==> flow/design.v <==
module add_stage #(
    parameter integer DW = 18
) (
    input wire i_clk,
    input wire i_rst_n,
    input wire [DW-1:0] rs1_in,
    input wire [DW-1:0] rs2_in,
    output reg [DW:0] o_out
);
    always @(posedge i_clk) begin
        if (~i_rst_n) begin
            o_out <= 0;
        end else begin
            o_out <= rs1_in + rs2_in;
        end
    end
endmodule
From RTL to reports: add_stage
Module add_stage in several versions that differ in "DW"; each step lists the members. The RTL above is that of DW=18; lines are counted from 1 in the file of the member named. Cell names lack the library's common part. Not given: n/a

Top module: add_stage. Clock port: i_clk. Library: sky130hd. Timing corner: tt_025C_1v80.

Source of the members
Lines of each other member's file that are new or changed against the file above; lines that a member lacks are not shown.

Lines new or changed: DW 24 (RTL line 2) `parameter integer DW = 24`; DW 48 (RTL line 2) `parameter integer DW = 48`.

After elaboration
Counts by Yosys on the flattened word-level netlist (proc, flatten, opt, wreduce; memories kept). Register bits leave out memories and registers merged into their read ports (data or address); mux counts leave out enables and synchronous resets folded into registers. Print and check cells are left out. Cells with the same type and inputs are merged into one.

Bit counts: DW 18 (bits in registers 19, output and inout port bits 19, cells after elaboration 2); DW 24 (bits in registers 25, output and inout port bits 25, cells after elaboration 2); DW 48 (bits in registers 49, output and inout port bits 49, cells after elaboration 2).

Cells by class ($add $sub $neg): DW 18 (1); DW 24 (1); DW 48 (1).

Operator list (kinds with counts): DW 18 (adder 18 x 18 -> 19 bit: 1); DW 24 (adder 24 x 24 -> 25 bit: 1); DW 48 (adder 48 x 48 -> 49 bit: 1).

Depth
Depth = most cells in a row (Yosys ltp): at word level without a register or memory, in the mapped netlist without a sequential cell, where the memories' decode and read muxes count.

Logic depth: DW 18 (depth in word-level cells 1, ABC_AREA 0, depth in mapped cells 9, gate-level depth less buffers 9); DW 24 (depth in word-level cells 1, ABC_AREA 0, depth in mapped cells 8, gate-level depth less buffers 8); DW 48 (depth in word-level cells 1, ABC_AREA 0, depth in mapped cells 10, gate-level depth less buffers 10).

Netlist
Yosys stat after the flow's synthesis: flattened, memories mapped to cells. It holds for the ABC_AREA given above (unset counts as 0); a run with the other value may have another netlist. Totals and module areas in this step are rounded.

Cells by type (type and count): DW 18 (dfxtp_1: 19; ha_1: 18; a21oi_1: 12; nor2_1: 14; xor2_1: 6; a21o_1: 5; nand2_1: 10; o21ai_0: 7; o21a_1: 4; xnor2_1: 3; o211ai_1: 3; a31oi_4: 1; fa_1: 1; mux2i_1: 2; nor3_1: 4; a31oi_1: 3; inv_1: 5; nand4_1: 3; (+33)); DW 24 (dfxtp_1: 25; ha_1: 24; nand2_1: 24; a21oi_1: 17; mux2i_1: 8; nor2_1: 19; nor3_1: 12; a21o_1: 7; a21oi_2: 6; xnor2_1: 5; a31oi_1: 6; nand2b_1: 6; o21a_1: 5; nand3_1: 7; o21ai_0: 6; xor2_1: 3; and2_1: 4; and3_1: 4; (+46)); DW 48 (dfxtp_1: 49; ha_1: 48; nor2_1: 62; a21oi_1: 43; nand2_1: 41; a21o_1: 20; xnor2_1: 17; o21ai_0: 24; xor2_1: 13; mux2i_1: 7; nand4_1: 11; nand3_1: 13; nor3_1: 13; and3_1: 9; a2111oi_4: 2; inv_1: 14; o21ai_2: 6; o41ai_2: 3; (+118)).

The mark (+n) counts cells that are not listed.

Mapped netlist: DW 18 (standard cells after synthesis 153, chip area (Yosys) 1370 sq um, sequential part of the area 380 sq um, flip-flops 19, buffer cells 4); DW 24 (standard cells after synthesis 234, chip area (Yosys) 1960 sq um, sequential part of the area 500 sq um, flip-flops 25, buffer cells 7); DW 48 (standard cells after synthesis 513, chip area (Yosys) 4270 sq um, sequential part of the area 981 sq um, flip-flops 49, buffer cells 22).

Path before layout
Path of least setup slack by OpenSTA after synthesis, without wires, with an ideal clock, recovery checks aside; 20% of the period is set as input and as output delay. Where synthesis merged equal registers, the netlist keeps one of their names.

Timing path after synthesis: DW 18 (kind in2reg, from input port rs1_in[0], to register o_out[16], clock period 2500 ps, path slack 398 ps, stages 9, delay of the path 1602 ps, period reached after synthesis 2102 ps); DW 24 (kind in2reg, from input port rs1_in[0], to register o_out[24], clock period 2830 ps, path slack 456 ps, stages 8, delay of the path 1808 ps, period reached after synthesis 2374 ps); DW 48 (kind in2reg, from input port rs1_in[0], to register o_out[30], clock period 3690 ps, path slack 593 ps, stages 10, delay of the path 2359 ps, period reached after synthesis 3097 ps).

"delay of the path" is the arrival time less input delay plus setup time. "stages" counts driving pins, that of a launching flip-flop among them; a cell with two outputs on the path counts twice. "period reached after synthesis" = period - worst setup slack (recovery checks aside). The figure is calculated, with input and output delays left at 20% of the set period. Between the ends stands the longest chain of elaborated cells between them, by number of cells; it is not shown to be the way that was timed. Of several equally long chains one is given. A line is the first line of the expression or statement that the cell stems from. Yosys adds cells for indexed reads and writes and turns some case tables into memories.

Between the ends, after synthesis, DW=18:
Length of the longest elaborated chain: 1.

RTL lines, path after synthesis, DW=18: start: declaration (RTL line 6) `input wire [DW-1:0] rs1_in,`; adder 18 x 18 -> 19 bit (RTL line 14) `o_out <= rs1_in + rs2_in;`; end: assignment (RTL line 12) `o_out <= 0;`; end: assignment (RTL line 14); end: declaration (RTL line 8) `output reg [DW:0] o_out`.

Between the ends, after synthesis, DW=48:
Length of the longest elaborated chain: 1.

RTL lines, path after synthesis, DW=48: start: declaration (RTL line 6) `input wire [DW-1:0] rs1_in,`; adder 48 x 48 -> 49 bit (RTL line 14) `o_out <= rs1_in + rs2_in;`; end: assignment (RTL line 12) `o_out <= 0;`; end: assignment (RTL line 14); end: declaration (RTL line 8) `output reg [DW:0] o_out`.

Timing after layout
Path of least setup slack in the final report of the run of each member (OpenROAD, finished layout, wires in). Where an end is a register, its clock arrival counts in the times. The path's times are printed in steps of 10 ps; the period is the one set.

Timing path after layout: DW 18 (kind in2reg, from input port rs2_in[0], to register o_out[10], clock period 2500 ps, path slack 190 ps, stages 11, data arrival time 2510 ps); DW 24 (kind in2reg, from input port rs1_in[0], to register o_out[18], clock period 2830 ps, path slack 210 ps, stages 9, data arrival time 2820 ps); DW 48 (kind in2reg, from input port rs1_in[0], to register o_out[30], clock period 3690 ps, path slack 330 ps, stages 11, data arrival time 3560 ps).

Flow runs
One run of the flow (Yosys, OpenROAD) for each member, with settings and measured results. Input and output delays are each 20% of the period that was set; the output load is 0.01 pF.

For CAP_MARGIN the number is 20. CORE_MARGIN: 2. Under CORE_UTILIZATION stands 40. The figure for SLEW_MARGIN is 20.

Settings that differ (period_ns): DW 18 (2.5); DW 24 (2.83); DW 48 (3.69).

Measured results: DW 18 (Yosys chip area after synthesis 1370 sq um, area inside the die boundary 3920 sq um, standard-cell area after layout 2070 sq um, final design utilization 0.625, worst setup slack after layout 187 ps, total negative slack 0 ps, worst-case hold slack 925 ps, total power of the final layout 0.944 mW, clock period achieved 2313 ps); DW 24 (Yosys chip area after synthesis 1960 sq um, area inside the die boundary 5470 sq um, standard-cell area after layout 2930 sq um, final design utilization 0.62, worst setup slack after layout 206 ps, total negative slack 0 ps, worst-case hold slack 998 ps, total power of the final layout 1.16 mW, clock period achieved 2624 ps); DW 48 (Yosys chip area after synthesis 4270 sq um, area inside the die boundary 11500 sq um, standard-cell area after layout 5910 sq um, final design utilization 0.573, worst setup slack after layout 328 ps, total negative slack 0 ps, worst-case hold slack 1140 ps, total power of the final layout 1.84 mW, clock period achieved 3362 ps).

"clock period achieved" means the clock period less the worst setup slack. The figure is calculated, with input and output delays left at 20% of the set period. "total power of the final layout": no workload was simulated; the value follows from the tool's default switching activity. Values from the reports are rounded here.
